==> flow/design.v <==
module subtractor_top (ck, i_rst, x, y, diff, borrow);
  parameter DW = 40;
  input ck;
  input i_rst;
  input [DW-1:0] x;
  input [DW-1:0] y;
  output [DW-1:0] diff;
  output borrow;
  wire [DW:0] work;
  assign work = {1'b0, x} - {1'b0, y};
  reg [DW-1:0] r_diff;
  always @(posedge ck) begin
    if (i_rst) begin
      r_diff <= 0;
    end else begin
      r_diff <= work[DW-1:0];
    end
  end
  assign diff = r_diff;
  reg r_borrow;
  always @(posedge ck) begin
    if (i_rst) begin
      r_borrow <= 1'b0;
    end else begin
      r_borrow <= work[DW];
    end
  end
  assign borrow = r_borrow;
endmodule
Wiki page: subtractor_top / tool data

* Step by step through the tools: subtractor_top *
A sweep over "DW": the same steps for each member of the family.
The RTL above is that of DW=40; lines are counted from 1 in the file of the member named.
Cell names lack the library's common part.
A cell with n/a has no value.

set-up
  top module = subtractor_top
  clock = ck
  standard-cell library = sky130hd
  library corner = tt_025C_1v80

* Source of the members *
Lines of each other member's file that are new or changed against the file above; lines that a member lacks are not shown.

new or changed lines
  DW  line  source
  48  2     parameter DW = 48;
  80  2     parameter DW = 80;

* Word-level counts *
Yosys after proc, flatten, opt, wreduce and memory -nomap, before mapping. Enables and synchronous resets that opt folds into registers are not counted as muxes. Memory bits, and registers merged into a memory's read port (data or address), are not among the register bits. Print and check cells are not counted. Equal cells are merged and count once.

bit counts
  DW  bits in read-only memories  latch bits  bits in writable memories  register bits  memory cells  elaborated cells  word width x clocked read ports  input port bits  output and inout bits
  40  0                           0           0                          41             0             3                 0                                82               41
  48  0                           0           0                          49             0             3                 0                                98               49
  80  0                           0           0                          81             0             3                 0                                162              81

operators by class
  DW  shift-type cells  eq/ne operators  bitwise logic cells  divide/modulo/power cells  $lt $le $gt $ge  add/subtract/negate cells  reductions and logical operators  multiplexer cells  multipliers
  40  0                 0                0                    0                          0                1                          0                                 0                  0
  48  0                 0                0                    0                          0                1                          0                                 0                  0
  80  0                 0                0                    0                          0                1                          0                                 0                  0

operator list
  DW  kinds with counts
  40  subtractor 40 x 40 -> 41 bit (1)
  48  subtractor 48 x 48 -> 49 bit (1)
  80  subtractor 80 x 80 -> 81 bit (1)

* Longest topological paths *
Yosys ltp: most cells in a row. Word level: on the elaborated netlist, between registers, memories and ports. Mapped: between sequential cells and ports; inverters and the memories' decode and read muxes count.

depth
  DW  depth after elaboration  ABC_AREA  depth in mapped cells  depth with buffers taken out
  40  1                        0         10                     10
  48  1                        0         12                     12
  80  1                        0         13                     13

* After synthesis *
Source: synth_stat.txt of the flow (Yosys; design flattened, memories mapped). It holds for the ABC_AREA given above (unset counts as 0); a run with the other value may have another netlist.
Totals and module areas in this step are rounded.

cell types
  DW  types with counts
  40  dfxtp_1 (41); ha_1 (40); a21oi_1 (47); nor2_1 (59); inv_1 (45); a21o_1 (18); nand2_1 (35); xor2_1 (13); o21ai_0 (16); xnor2_1 (9); nand4_1 (12); o211ai_1 (9); nor3_1 (12); o21a_1 (8); mux2_1 (5); nor2b_1 (8); o21ai_1 (9); o21bai_1 (6); (+80)
  48  dfxtp_1 (49); ha_1 (48); nor2_1 (73); a21oi_1 (47); inv_1 (59); xor2_1 (20); a21o_1 (23); xnor2_1 (17); o21ai_0 (28); nand2_1 (35); nand4_1 (14); clkbuf_1 (18); o21bai_1 (9); nor2b_1 (10); nor3_1 (12); a211oi_1 (7); o21a_1 (6); a31oi_1 (6); (+62)
  80  dfxtp_1 (81); ha_1 (80); a21oi_1 (102); nor2_1 (130); inv_1 (103); a21o_1 (45); xor2_1 (33); o21ai_0 (57); nand2_1 (72); xnor2_1 (30); nand4_1 (30); o21bai_1 (17); nor2b_1 (16); o21a_1 (13); nor3_1 (19); nand3_1 (16); a31oi_1 (12); clkbuf_1 (19); (+135)

The mark (+n) counts cells that are not listed.

synthesis totals
  DW  buffers  flip-flop cells  sequential area (um^2)  cell area after synthesis (um^2)  cells in the netlist
  40  16       41               821                     3560                              472
  48  20       49               981                     4080                              543
  80  42       81               1620                    7370                              1010

* Worst setup path after synthesis *
Path of least setup slack by OpenSTA after synthesis, without wires, with an ideal clock, recovery checks aside; 20% of the period is set as input and as output delay. Where synthesis merged equal registers, the netlist keeps one of their names.

path after synthesis
  DW  path kind          start    end             period (ns)  stages  path slack (ns)  delay of the path (ns)  synthesis period reached (ns)
  40  input -> register  in x[0]  reg r_borrow    3.34         10      0.532            2.140                   2.808
  48  input -> register  in y[3]  reg r_diff[45]  3.82         11      0.609            2.447                   3.211
  80  input -> register  in x[0]  reg r_diff[50]  3.95         13      0.630            2.530                   3.32

"delay of the path" is the arrival time less input delay plus setup time.
"stages" counts driving pins, that of a launching flip-flop among them; a cell with two outputs on the path counts twice.
"synthesis period reached" is the clock period less the worst setup slack; recovery checks do not enter. This is arithmetic on one report: input and output delays are still those of the set period (20% each).
The rows between start and end are the longest chain of elaborated cells between them; the timing report does not say that the signal goes this way. Where chains are equally long, one stands for them.
A line is the first line of the expression or statement that the cell stems from. Yosys adds cells for indexed reads and writes and turns some case tables into memories.

between the ends, after synthesis, DW=40
  length of the longest elaborated chain = 1

RTL lines, path after synthesis, DW=40
  element                       line  source
  from (decl)                   5     input [DW-1:0] x;
  subtractor 40 x 40 -> 41 bit  10    assign work = {1'b0, x} - {1'b0, y};
  to (assign)                   23    r_borrow <= 1'b0;
  to (assign)                   25    r_borrow <= work[DW];
  to (decl)                     20    reg r_borrow;

between the ends, after synthesis, DW=80
  length of the longest elaborated chain = 1

RTL lines, path after synthesis, DW=80
  element                       line  source
  from (decl)                   5     input [DW-1:0] x;
  subtractor 80 x 80 -> 81 bit  10    assign work = {1'b0, x} - {1'b0, y};
  to (assign)                   14    r_diff <= 0;
  to (assign)                   16    r_diff <= work[DW-1:0];
  to (decl)                     11    reg [DW-1:0] r_diff;

* Timing after layout *
Path of least setup slack in the final report of the run of each member (OpenROAD, finished layout, wires in). Where an end is a register, its clock arrival counts in the times.

path post-layout
  DW  path kind          start    end             period (ns)  buffers on the path  arrival time (ns)  path slack (ns)  stages
  40  input -> register  in x[0]  reg r_diff[34]  3.34         2                    3.37               0.21             12
  48  input -> register  in y[1]  reg r_diff[47]  3.82         1                    3.69               0.35             12
  80  input -> register  in x[0]  reg r_diff[50]  3.95         1                    3.97               0.22             14

* Flow runs *
One run of the flow (Yosys, OpenROAD) for each member, with settings and measured results. Input and output delays are each 20% of the period that was set; the output load is 0.01 pF.

settings
  CAP_MARGIN = 20
  CORE_MARGIN = 2
  CORE_UTILIZATION = 40
  SLEW_MARGIN = 20

settings that differ
  DW  period_ns
  40  3.34
  48  3.82
  80  3.95

results
  DW  setup slack of the worst path (ns)  netlist area reported by Yosys (um^2)  setup TNS (ns)  worst hold slack after layout (ns)  std-cell area (final layout) (um^2)  utilization  achieved clock period (ns)  power consumption (mW)  area of the die (um^2)
  40  0.215                               3560                                   0.000           0.991                               5240                                 0.604        3.125                       1.79                    9670
  48  0.348                               4080                                   0.000           1.08                                5820                                 0.592        3.472                       1.82                    11000
  80  0.223                               7370                                   0.000           1.02                                11200                                0.621        3.727                       3.47                    19500

"achieved clock period" is the run's clock period less its worst setup slack. It is reckoned from that one timing run; input and output delays stay at 20% of the period that was set.
"power consumption": no workload was simulated; the value follows from the tool's default switching activity.
The results are shown rounded.
